==> flow/design.v <==
module u_switch #(
  parameter integer DATA_WIDTH = 10
) (
  input  wire aclk,
  input  wire rst,
  input  wire [DATA_WIDTH-1:0] i_d_0,
  input  wire [DATA_WIDTH-1:0] i_d_1,
  input  wire [DATA_WIDTH-1:0] i_d_2,
  input  wire [1:0] i_idx,
  output wire [DATA_WIDTH-1:0] o_data_out
);
  reg [DATA_WIDTH-1:0] d_0_q;
  reg [DATA_WIDTH-1:0] d_1_q;
  reg [DATA_WIDTH-1:0] d_2_q;
  reg [1:0] idx_q;
  reg [DATA_WIDTH-1:0] tmp;
  always @(*) begin
    casez (idx_q)
      2'b?1: tmp = d_0_q;
      2'b10: tmp = d_1_q;
      default: tmp = d_2_q;
    endcase
  end
  assign o_data_out = tmp;
  always @(posedge aclk) begin
    if (rst) begin
      d_0_q <= 0;
      d_1_q <= 0;
      d_2_q <= 0;
      idx_q <= 0;
    end else begin
      d_0_q <= i_d_0;
      d_1_q <= i_d_1;
      d_2_q <= i_d_2;
      idx_q <= i_idx;
    end
  end
endmodule
==> From RTL to reports: u_switch <==
Module u_switch in several versions that differ in "inputs"; each step lists the members.
The RTL above is that of inputs 3; lines are counted from 1 in the file of the member named.
Library cell names are shortened.
{ "inputs": {"top_module": "u_switch", "clock_port": "aclk", "cell_library": "sky130hd", "lib_corner": "tt_025C_1v80"} }

==> Members of the sweep <==
Lines of each other member's file that are new or changed against the file above; lines that a member lacks are not shown.
{ "src_changes": {"columns": ["inputs", "line", "source"], "rows": [
  [5, 9, "input wire [DATA_WIDTH-1:0] i_d_3,"],
  [5, 10, "input wire [DATA_WIDTH-1:0] i_d_4,"],
  [5, 11, "input wire [3:0] i_idx,"],
  [5, 17, "reg [DATA_WIDTH-1:0] d_3_q;"],
  [5, 18, "reg [DATA_WIDTH-1:0] d_4_q;"],
  [5, 19, "reg [3:0] idx_q;"],
  [5, 23, "4'b???1: tmp = d_0_q;"],
  [5, 24, "4'b??10: tmp = d_1_q;"],
  [5, 25, "4'b?100: tmp = d_2_q;"],
  [5, 26, "4'b1000: tmp = d_3_q;"],
  [5, 27, "default: tmp = d_4_q;"],
  [5, 36, "d_3_q <= 0;"],
  [5, 37, "d_4_q <= 0;"],
  [5, 43, "d_3_q <= i_d_3;"],
  [5, 44, "d_4_q <= i_d_4;"],
  [6, 9, "input wire [DATA_WIDTH-1:0] i_d_3,"],
  [6, 10, "input wire [DATA_WIDTH-1:0] i_d_4,"],
  [6, 11, "input wire [DATA_WIDTH-1:0] i_d_5,"],
  [6, 12, "input wire [4:0] i_idx,"],
  [6, 18, "reg [DATA_WIDTH-1:0] d_3_q;"],
  [6, 19, "reg [DATA_WIDTH-1:0] d_4_q;"],
  [6, 20, "reg [DATA_WIDTH-1:0] d_5_q;"],
  [6, 21, "reg [4:0] idx_q;"],
  [6, 25, "5'b????1: tmp = d_0_q;"],
  [6, 26, "5'b???10: tmp = d_1_q;"],
  [6, 27, "5'b??100: tmp = d_2_q;"],
  [6, 28, "5'b?1000: tmp = d_3_q;"],
  [6, 29, "5'b10000: tmp = d_4_q;"],
  [6, 30, "default: tmp = d_5_q;"],
  [6, 39, "d_3_q <= 0;"],
  [6, 40, "d_4_q <= 0;"],
  [6, 41, "d_5_q <= 0;"],
  [6, 47, "d_3_q <= i_d_3;"],
  [6, 48, "d_4_q <= i_d_4;"],
  [6, 49, "d_5_q <= i_d_5;"]
]} }

==> Word-level counts <==
Counts by Yosys on the flattened word-level netlist (proc, flatten, opt, wreduce; memories kept). Register bits leave out memories and registers merged into their read ports (data or address); mux counts leave out enables and synchronous resets folded into registers. Print and check cells are left out. Cells with the same type and inputs are merged into one.
{ "word_totals": {"columns": ["inputs", "register_bits", "out_inout_bits", "elab_cells"], "rows": [
  [3, 32, 10, 6],
  [5, 54, 10, 10],
  [6, 65, 10, 12]
]} }
{ "op_classes": {"columns": ["inputs", "equal", "mux"], "rows": [
  [3, 1, 1],
  [5, 3, 1],
  [6, 4, 1]
]} }
{ "ops": {"columns": ["inputs", "operators"], "rows": [
  [3, "case mux 10 bit (select 2 bit) (1); equality test 2 bit with constant B (1)"],
  [5, "case mux 10 bit (select 4 bit) (1); equality test 4 bit with constant B (1); equality test 3 bit with constant B (1); equality test 2 bit with constant B (1)"],
  [6, "case mux 10 bit (select 5 bit) (1); equality test 5 bit with constant B (1); equality test 4 bit with constant B (1); equality test 3 bit with constant B (1); equality test 2 bit with constant B (1)"]
]} }

==> Longest topological paths <==
Yosys ltp: most cells in a row. Word level: on the elaborated netlist, between registers, memories and ports. Mapped: between sequential cells and ports; inverters and the memories' decode and read muxes count.
{ "logic_depth": {"columns": ["inputs", "word_depth", "abc_area", "depth_mapped", "depth_no_buf"], "rows": [
  [3, 2, 0, 3, 2],
  [5, 2, 0, 4, 3],
  [6, 2, 0, 4, 3]
]} }

==> Netlist <==
Yosys stat after the flow's synthesis: flattened, memories mapped to cells. It holds for the ABC_AREA given above (unset counts as 0); a run with the other value may have another netlist.
{ "types": {"columns": ["inputs", "cell_types"], "rows": [
  [3, "dfxtp_1 (32); nor2b_1 (32); mux2i_1 (10); o21ai_1 (9); nand2_1 (10); buf_2 (5); buf_6 (1); o21ai_2 (1)"],
  [5, "dfxtp_1 (54); nor2b_1 (54); a22o_1 (10); nand3b_1 (10); a31oi_1 (9); a21oi_1 (10); inv_1 (10); nand2_1 (10); nor2_1 (9); clkbuf_1 (7); nor4b_4 (1); buf_2 (4); a31oi_2 (1); buf_6 (1); or4_4 (1); nor2_2 (1)"],
  [6, "dfxtp_1 (65); nor2b_1 (65); a2bb2oi_2 (10); a22o_1 (10); a22oi_1 (10); nand3b_1 (10); nand2b_1 (11); a21oi_1 (10); inv_1 (10); clkbuf_1 (9); nor4b_4 (1); buf_2 (4); dlymetal6s2s_1 (1); buf_4 (1); nor4_1 (1)"]
]} }
{ "mapped": {"columns": ["inputs", "n_buf", "seq_area_um2", "yosys_area_um2", "flip_flops", "cell_count"], "rows": [
  [3, 6, 640.6, 1068.5, 32, 100],
  [5, 12, 1081.0, 1908.1, 54, 192],
  [6, 15, 1301.2, 2356.0, 65, 218]
]} }

==> Worst setup path after synthesis <==
OpenSTA on the mapped netlist: ideal clock, no wires. The path of least setup slack (recovery checks aside). Input and output delay are each 20% of the period. Register names are those of the netlist, which keeps one name where synthesis merged equal registers.
{ "synth_timing": {"columns": ["inputs", "kind", "start", "end", "stages", "delay_ns", "path_slack_ns", "period_ns", "synth_period_reached_ns"], "rows": [
  [3, "flip-flop to output port", "register idx_q[1]", "output port o_data_out[9]", 4, 0.750, 0.186, 1.17, 0.984],
  [5, "flip-flop to output port", "register idx_q[2]", "output port o_data_out[0]", 4, 1.223, 0.305, 1.91, 1.605],
  [6, "flip-flop to output port", "register idx_q[1]", "output port o_data_out[0]", 4, 1.150, 0.290, 1.8, 1.51]
]} }
"delay_ns" is the arrival time less input delay plus setup time.
At an output port there is no setup time.
"stages": output pins that drive a net of the path, with the launching flip-flop's if there is one; two outputs of one cell count as two.
"synth_period_reached_ns" = period - worst setup slack (recovery checks aside). The figure is calculated, with input and output delays left at 20% of the set period.
Between the ends stands the longest chain of elaborated cells between them, by number of cells; it is not shown to be the way that was timed. Of several equally long chains one is given.
A line is the first line of the expression or statement that the cell stems from. Yosys adds cells for indexed reads and writes and turns some case tables into memories.
{ "synth_between_inputs_3": {"elab_chain_cells": 2} }
{ "synth_lines_inputs_3": {"columns": ["item", "line", "source"], "rows": [
  ["start: declaration", 15, "reg [1:0] idx_q;"],
  ["start: assignment", 30, "idx_q <= 0;"],
  ["start: assignment", 35, "idx_q <= i_idx;"],
  ["equality test 2 bit", 18, "casez (idx_q)"],
  ["case mux 10 bit (select 2 bit)", 18, null],
  ["end: declaration", 10, "output wire [DATA_WIDTH-1:0] o_data_out"]
]} }
{ "synth_between_inputs_6": {"elab_chain_cells": 2} }
{ "synth_lines_inputs_6": {"columns": ["item", "line", "source"], "rows": [
  ["start: declaration", 21, "reg [4:0] idx_q;"],
  ["start: assignment", 42, "idx_q <= 0;"],
  ["start: assignment", 50, "idx_q <= i_idx;"],
  ["equality test 5 bit", 24, "casez (idx_q)"],
  ["case mux 10 bit (select 5 bit)", 24, null],
  ["end: declaration", 13, "output wire [DATA_WIDTH-1:0] o_data_out"]
]} }

==> Path in the finished layout <==
From the final timing report of each member's run: the path of least setup slack in the routed layout; clock arrival at registers is part of the times.
{ "layout_timing": {"columns": ["inputs", "kind", "start", "end", "period_ns", "path_slack_ns", "stages", "arrival_ns"], "rows": [
  [3, "flip-flop to output port", "register idx_q[1]", "output port o_data_out[9]", 1.17, -0.29, 5, 1.23],
  [5, "flip-flop to output port", "register idx_q[2]", "output port o_data_out[6]", 1.91, -0.11, 4, 1.64],
  [6, "flip-flop to output port", "register idx_q[3]", "output port o_data_out[3]", 1.8, -0.21, 8, 1.65]
]} }

==> Flow runs <==
Settings and results of one run of the flow (Yosys, OpenROAD) for each member follow. The constraints put input and output delay at 20% of the set period each and load the outputs with 0.01 pF.
{ "flow_settings": {"CAP_MARGIN": 20, "CORE_MARGIN": 2, "CORE_UTILIZATION": 40, "SLEW_MARGIN": 20} }
{ "settings_by_member": {"columns": ["inputs", "period_ns"], "rows": [
  [3, 1.17],
  [5, 1.91],
  [6, 1.8]
]} }
{ "results": {"columns": ["inputs", "ys_area_um2", "tns_setup_ns", "final_setup_ws_ns", "finalUtil_frac", "dieArea_um2", "achieved_period_ns", "final_stdcell_area_um2"], "rows": [
  [3, 1068.5, -2.705, -0.293, 0.631, 3100.8, 1.463, 1576.5],
  [5, 1908.1, -0.603, -0.113, 0.597, 5338.5, 2.023, 2783.9],
  [6, 2356.0, -1.659, -0.207, 0.632, 6519.8, 2.007, 3543.4]
]} }
"achieved_period_ns" is the run's clock period less its worst setup slack. It is reckoned from that one timing run; input and output delays stay at 20% of the period that was set.
